==> flow/design.v <==
module gen_shift #(
  parameter integer NBITS = 8,
  parameter integer SEL_W = $clog2(NBITS)
) (
  input wire i_clk,
  input wire rstn,
  input wire [NBITS-1:0] ch,
  input wire [SEL_W-1:0] by,
  output reg [NBITS-1:0] data_out
);
  reg [NBITS-1:0] ch_ff;
  reg [SEL_W-1:0] by_ff;
  reg [NBITS-1:0] val_ff;
  reg [1:0] by_ff_lo;
  always @(posedge i_clk or negedge rstn) begin
    if (~rstn) begin
      ch_ff <= 0;
      by_ff <= 0;
      val_ff <= 0;
      by_ff_lo <= 0;
      data_out <= 0;
    end else begin
      ch_ff <= ch;
      by_ff <= by;
      val_ff <= ch_ff >> {by_ff[SEL_W-1:2], 2'b00};
      by_ff_lo <= by_ff[1:0];
      data_out <= val_ff >> by_ff_lo;
    end
  end
endmodule
Hand-over note for gen_shift

* Reports on gen_shift
A sweep over "NBITS": the same steps for each member of the family.
The file above is the member NBITS = 8. Line numbers count from 1 in each member's own file.
Library cell names are shortened.
The mark n/a stands for no value.
- Top :: gen_shift
- Clock :: i_clk
- Cell library :: sky130hd
- Library corner :: tt_025C_1v80

* Members of the sweep
New or changed lines of each further member against the RTL above, in its own file; lines it lacks are not shown.
** Lines new or changed
- NBITS 12 :: line 2 : parameter integer NBITS = 12,
- NBITS 16 :: line 2 : parameter integer NBITS = 16,
- NBITS 48 :: line 2 : parameter integer NBITS = 48,
- NBITS 96 :: line 2 : parameter integer NBITS = 96,

* Word level
Source: Yosys, flattened and elaborated, memories not mapped. Widths are those after wreduce; folded enables and synchronous resets count as part of the registers. Registers that Yosys merges into a memory's read port (data or address) are not register bits. Print and check cells do not count. Equal cells are merged and count once.
** Word-level totals
- NBITS 8 :: flip-flop bits (word level) 29, input bits 13, output and inout port bits 8, word-level cells 7
- NBITS 12 :: flip-flop bits (word level) 42, input bits 18, output and inout port bits 12, word-level cells 7
- NBITS 16 :: flip-flop bits (word level) 54, input bits 22, output and inout port bits 16, word-level cells 7
- NBITS 48 :: flip-flop bits (word level) 152, input bits 56, output and inout port bits 48, word-level cells 7
- NBITS 96 :: flip-flop bits (word level) 297, input bits 105, output and inout port bits 96, word-level cells 7
** Operators by class (shift-type cells)
- NBITS 8 :: 2
- NBITS 12 :: 2
- NBITS 16 :: 2
- NBITS 48 :: 2
- NBITS 96 :: 2
** Operators with widths (kind and count)
- NBITS 8 :: 8-bit by 2-bit >> shifter with 8-bit output: 1; 8-bit by 3-bit >> shifter with 8-bit output: 1
- NBITS 12 :: 12-bit by 2-bit >> shifter with 12-bit output: 1; 12-bit by 4-bit >> shifter with 12-bit output: 1
- NBITS 16 :: 16-bit by 2-bit >> shifter with 16-bit output: 1; 16-bit by 4-bit >> shifter with 16-bit output: 1
- NBITS 48 :: 48-bit by 2-bit >> shifter with 48-bit output: 1; 48-bit by 6-bit >> shifter with 48-bit output: 1
- NBITS 96 :: 96-bit by 2-bit >> shifter with 96-bit output: 1; 96-bit by 7-bit >> shifter with 96-bit output: 1

* Longest topological paths
Yosys ltp: most cells in a row. Word level: on the elaborated netlist, between registers, memories and ports. Mapped: between sequential cells and ports; inverters and the memories' decode and read muxes count.
** Depth
- NBITS 8 :: depth in word-level cells 1, ABC_AREA 0, depth in mapped cells 3, mapped depth without buffers 2
- NBITS 12 :: depth in word-level cells 1, ABC_AREA 0, depth in mapped cells 4, mapped depth without buffers 2
- NBITS 16 :: depth in word-level cells 1, ABC_AREA 0, depth in mapped cells 4, mapped depth without buffers 2
- NBITS 48 :: depth in word-level cells 1, ABC_AREA 0, depth in mapped cells 6, mapped depth without buffers 3
- NBITS 96 :: depth in word-level cells 1, ABC_AREA 0, depth in mapped cells 8, mapped depth without buffers 4

* After synthesis
The flow's flattened synthesis, as Yosys stat reports it; memories are mapped. The netlist is that of the ABC_AREA named above (0 if unset); the other value can give another one.
The area totals of this step are shown rounded.
** Mapped netlist
- NBITS 8 :: standard cells after synthesis 56, chip area (Yosys) 967 um^2, sequential part of the area 726 um^2, flip-flop cells 29, buffer cells 3
- NBITS 12 :: standard cells after synthesis 91, chip area (Yosys) 1490 um^2, sequential part of the area 1050 um^2, flip-flop cells 42, buffer cells 5
- NBITS 16 :: standard cells after synthesis 118, chip area (Yosys) 1990 um^2, sequential part of the area 1350 um^2, flip-flop cells 54, buffer cells 8
- NBITS 48 :: standard cells after synthesis 435, chip area (Yosys) 6820 um^2, sequential part of the area 3800 um^2, flip-flop cells 152, buffer cells 36
- NBITS 96 :: standard cells after synthesis 908, chip area (Yosys) 14200 um^2, sequential part of the area 7430 um^2, flip-flop cells 297, buffer cells 77
** Cells by type (type and count)
- NBITS 8 :: dfrtp_1: 29; mux2i_1: 12; mux2_2: 4; nor2b_1: 4; buf_6: 2; nand3b_1: 1; nor3b_1: 1; buf_2: 1; o21ai_1: 1; nor2_1: 1
- NBITS 12 :: dfrtp_1: 42; mux2i_1: 24; mux4_2: 2; o2bb2ai_1: 4; and2_1: 4; buf_6: 2; nor2_1: 6; buf_2: 2; buf_4: 1; nand3b_1: 1; nor3b_1: 1; nor2b_1: 1; o21ai_0: 1
- NBITS 16 :: dfrtp_1: 54; mux2i_1: 32; mux4_2: 6; buf_6: 4; o2bb2ai_1: 4; and2_1: 4; nor2_1: 6; buf_4: 2; nand3b_1: 1; nor3b_1: 1; nor2b_1: 1; buf_2: 1; clkbuf_2: 1; o21ai_0: 1
- NBITS 48 :: dfrtp_1: 152; mux4_2: 69; mux2i_1: 27; nand2_1: 32; mux4_1: 4; buf_2: 18; mux2_2: 7; a21oi_1: 15; and2_1: 9; nor2_1: 15; a22oi_1: 7; a2bb2oi_1: 6; buf_6: 4; and3_1: 7; nor2b_1: 7; clkbuf_1: 11; buf_12: 2; nand2b_1: 6; (+37)
- NBITS 96 :: dfrtp_1: 297; mux4_2: 172; mux2_2: 52; mux2i_1: 44; nor2_1: 62; nand2_1: 47; buf_2: 32; a22oi_1: 20; o211ai_1: 19; buf_6: 9; a21oi_1: 18; o21ai_1: 18; a211oi_1: 11; clkbuf_1: 20; mux2_4: 4; a2bb2oi_1: 6; nor2b_1: 8; and2_1: 7; (+62)
The mark (+n) counts cells that are not listed.

* Path before layout
OpenSTA on the mapped netlist: ideal clock, no wires. The path of least setup slack (recovery checks aside). Input and output delay are each 20% of the period. Register names are those of the netlist, which keeps one name where synthesis merged equal registers.
** Timing path after synthesis
- NBITS 8 :: kind register -> register, start register by_ff_lo[0], end register data_out[3], clock period 1.1 ns, slack 0.221 ns, driving pins on the path 4, path delay 0.880 ns, period reached after synthesis 0.879 ns
- NBITS 12 :: kind register -> register, start register by_ff_lo[0], end register data_out[2], clock period 1.3 ns, slack 0.261 ns, driving pins on the path 3, path delay 1.038 ns, period reached after synthesis 1.039 ns
- NBITS 16 :: kind register -> register, start register by_ff_lo[0], end register data_out[1], clock period 1.35 ns, slack 0.268 ns, driving pins on the path 3, path delay 1.081 ns, period reached after synthesis 1.082 ns
- NBITS 48 :: kind register -> register, start register by_ff[2], end register val_ff[27], clock period 1.89 ns, slack 0.380 ns, driving pins on the path 6, path delay 1.510 ns, period reached after synthesis 1.51 ns
- NBITS 96 :: kind register -> register, start register by_ff[2], end register val_ff[48], clock period 2.27 ns, slack 0.456 ns, driving pins on the path 7, path delay 1.814 ns, period reached after synthesis 1.814 ns
"path delay" is the arrival time less input delay plus setup time.
"driving pins on the path": output pins that drive a net of the path, with the launching flip-flop's if there is one; two outputs of one cell count as two.
"period reached after synthesis" is the clock period less the worst setup slack; recovery checks do not enter. This is arithmetic on one report: input and output delays are still those of the set period (20% each).
Between the ends stands the longest chain of elaborated cells between them, by number of cells; it is not shown to be the way that was timed. Of several equally long chains one is given.
Each line given opens the expression or statement behind the cell; cells for indexed reads and writes are added by Yosys, which also makes memories of some case tables.
Between the ends, after synthesis, NBITS = 8:
- Length of the longest elaborated chain :: 1
** RTL lines, path after synthesis, NBITS = 8
- from (decl) :: line 14 : reg [1:0] by_ff_lo;
- from (assign) :: line 20 : by_ff_lo <= 0;
- from (assign) :: line 26 : by_ff_lo <= by_ff[1:0];
- 8-bit by 2-bit >> shifter with 8-bit output :: line 27 : data_out <= val_ff >> by_ff_lo;
- to (assign) :: line 21 : data_out <= 0;
- to (assign) :: line 27
- to (decl) :: line 9 : output reg [NBITS-1:0] data_out
Between the ends, after synthesis, NBITS = 96:
- Length of the longest elaborated chain :: 1
** RTL lines, path after synthesis, NBITS = 96
- from (decl) :: line 12 : reg [SEL_W-1:0] by_ff;
- from (assign) :: line 18 : by_ff <= 0;
- from (assign) :: line 24 : by_ff <= by;
- 96-bit by 7-bit >> shifter with 96-bit output :: line 25 : val_ff <= ch_ff >> {by_ff[SEL_W-1:2], 2'b00};
- to (assign) :: line 19 : val_ff <= 0;
- to (assign) :: line 25
- to (decl) :: line 13 : reg [NBITS-1:0] val_ff;

* Worst path after layout
From the final timing report of each member's run: the path of least setup slack in the routed layout; clock arrival at registers is part of the times.
** Timing path after layout
- NBITS 8 :: kind register -> output, start register data_out[4], end output port data_out[4], clock period 1.1 ns, slack 0.06 ns, driving pins on the path 2, arrival time 0.82 ns, path buffers 1
- NBITS 12 :: kind register -> output, start register data_out[6], end output port data_out[6], clock period 1.3 ns, slack 0.11 ns, driving pins on the path 2, arrival time 0.93 ns, path buffers 1
- NBITS 16 :: kind register -> output, start register data_out[2], end output port data_out[2], clock period 1.35 ns, slack 0.15 ns, driving pins on the path 2, arrival time 0.93 ns, path buffers 1
- NBITS 48 :: kind register -> register, start register by_ff[2], end register val_ff[5], clock period 1.89 ns, slack 0.10 ns, driving pins on the path 5, arrival time 2.09 ns, path buffers 1
- NBITS 96 :: kind register -> register, start register by_ff[2], end register val_ff[10], clock period 2.27 ns, slack 0.08 ns, driving pins on the path 6, arrival time 2.60 ns, path buffers 1

* Flow runs
Settings and results of one run of the flow (Yosys, OpenROAD) for each member follow. The constraints put input and output delay at 20% of the set period each and load the outputs with 0.01 pF.
- CAP_MARGIN :: 20
- CORE_MARGIN :: 2
- CORE_UTILIZATION :: 40
- SLEW_MARGIN :: 20
** Settings by member (period_ns)
- NBITS 8 :: 1.1
- NBITS 12 :: 1.3
- NBITS 16 :: 1.35
- NBITS 48 :: 1.89
- NBITS 96 :: 2.27
** Results
- NBITS 8 :: synthesized cell area 967 um^2, area of the die 2830 um^2, standard-cell area after routing 1230 um^2, utilization 0.544, lowest setup slack 0.065 ns, setup TNS 0.000 ns, power consumption 2050 µW, period achieved 1.035 ns
- NBITS 12 :: synthesized cell area 1490 um^2, area of the die 4220 um^2, standard-cell area after routing 1990 um^2, utilization 0.551, lowest setup slack 0.110 ns, setup TNS 0.000 ns, power consumption 2920 µW, period achieved 1.190 ns
- NBITS 16 :: synthesized cell area 1990 um^2, area of the die 5540 um^2, standard-cell area after routing 2540 um^2, utilization 0.534, lowest setup slack 0.145 ns, setup TNS 0.000 ns, power consumption 3160 µW, period achieved 1.205 ns
- NBITS 48 :: synthesized cell area 6820 um^2, area of the die 18100 um^2, standard-cell area after routing 8830 um^2, utilization 0.531, lowest setup slack 0.104 ns, setup TNS 0.000 ns, power consumption 8470 µW, period achieved 1.786 ns
- NBITS 96 :: synthesized cell area 14200 um^2, area of the die 37100 um^2, standard-cell area after routing 18400 um^2, utilization 0.521, lowest setup slack 0.077 ns, setup TNS 0.000 ns, power consumption 13500 µW, period achieved 2.193 ns
"period achieved": clock period set for the run, less the worst setup slack. It is reckoned from that one timing run; input and output delays stay at 20% of the period that was set.
"power consumption": no workload was simulated; the value follows from the tool's default switching activity.
Measured values are rounded.

End of note.
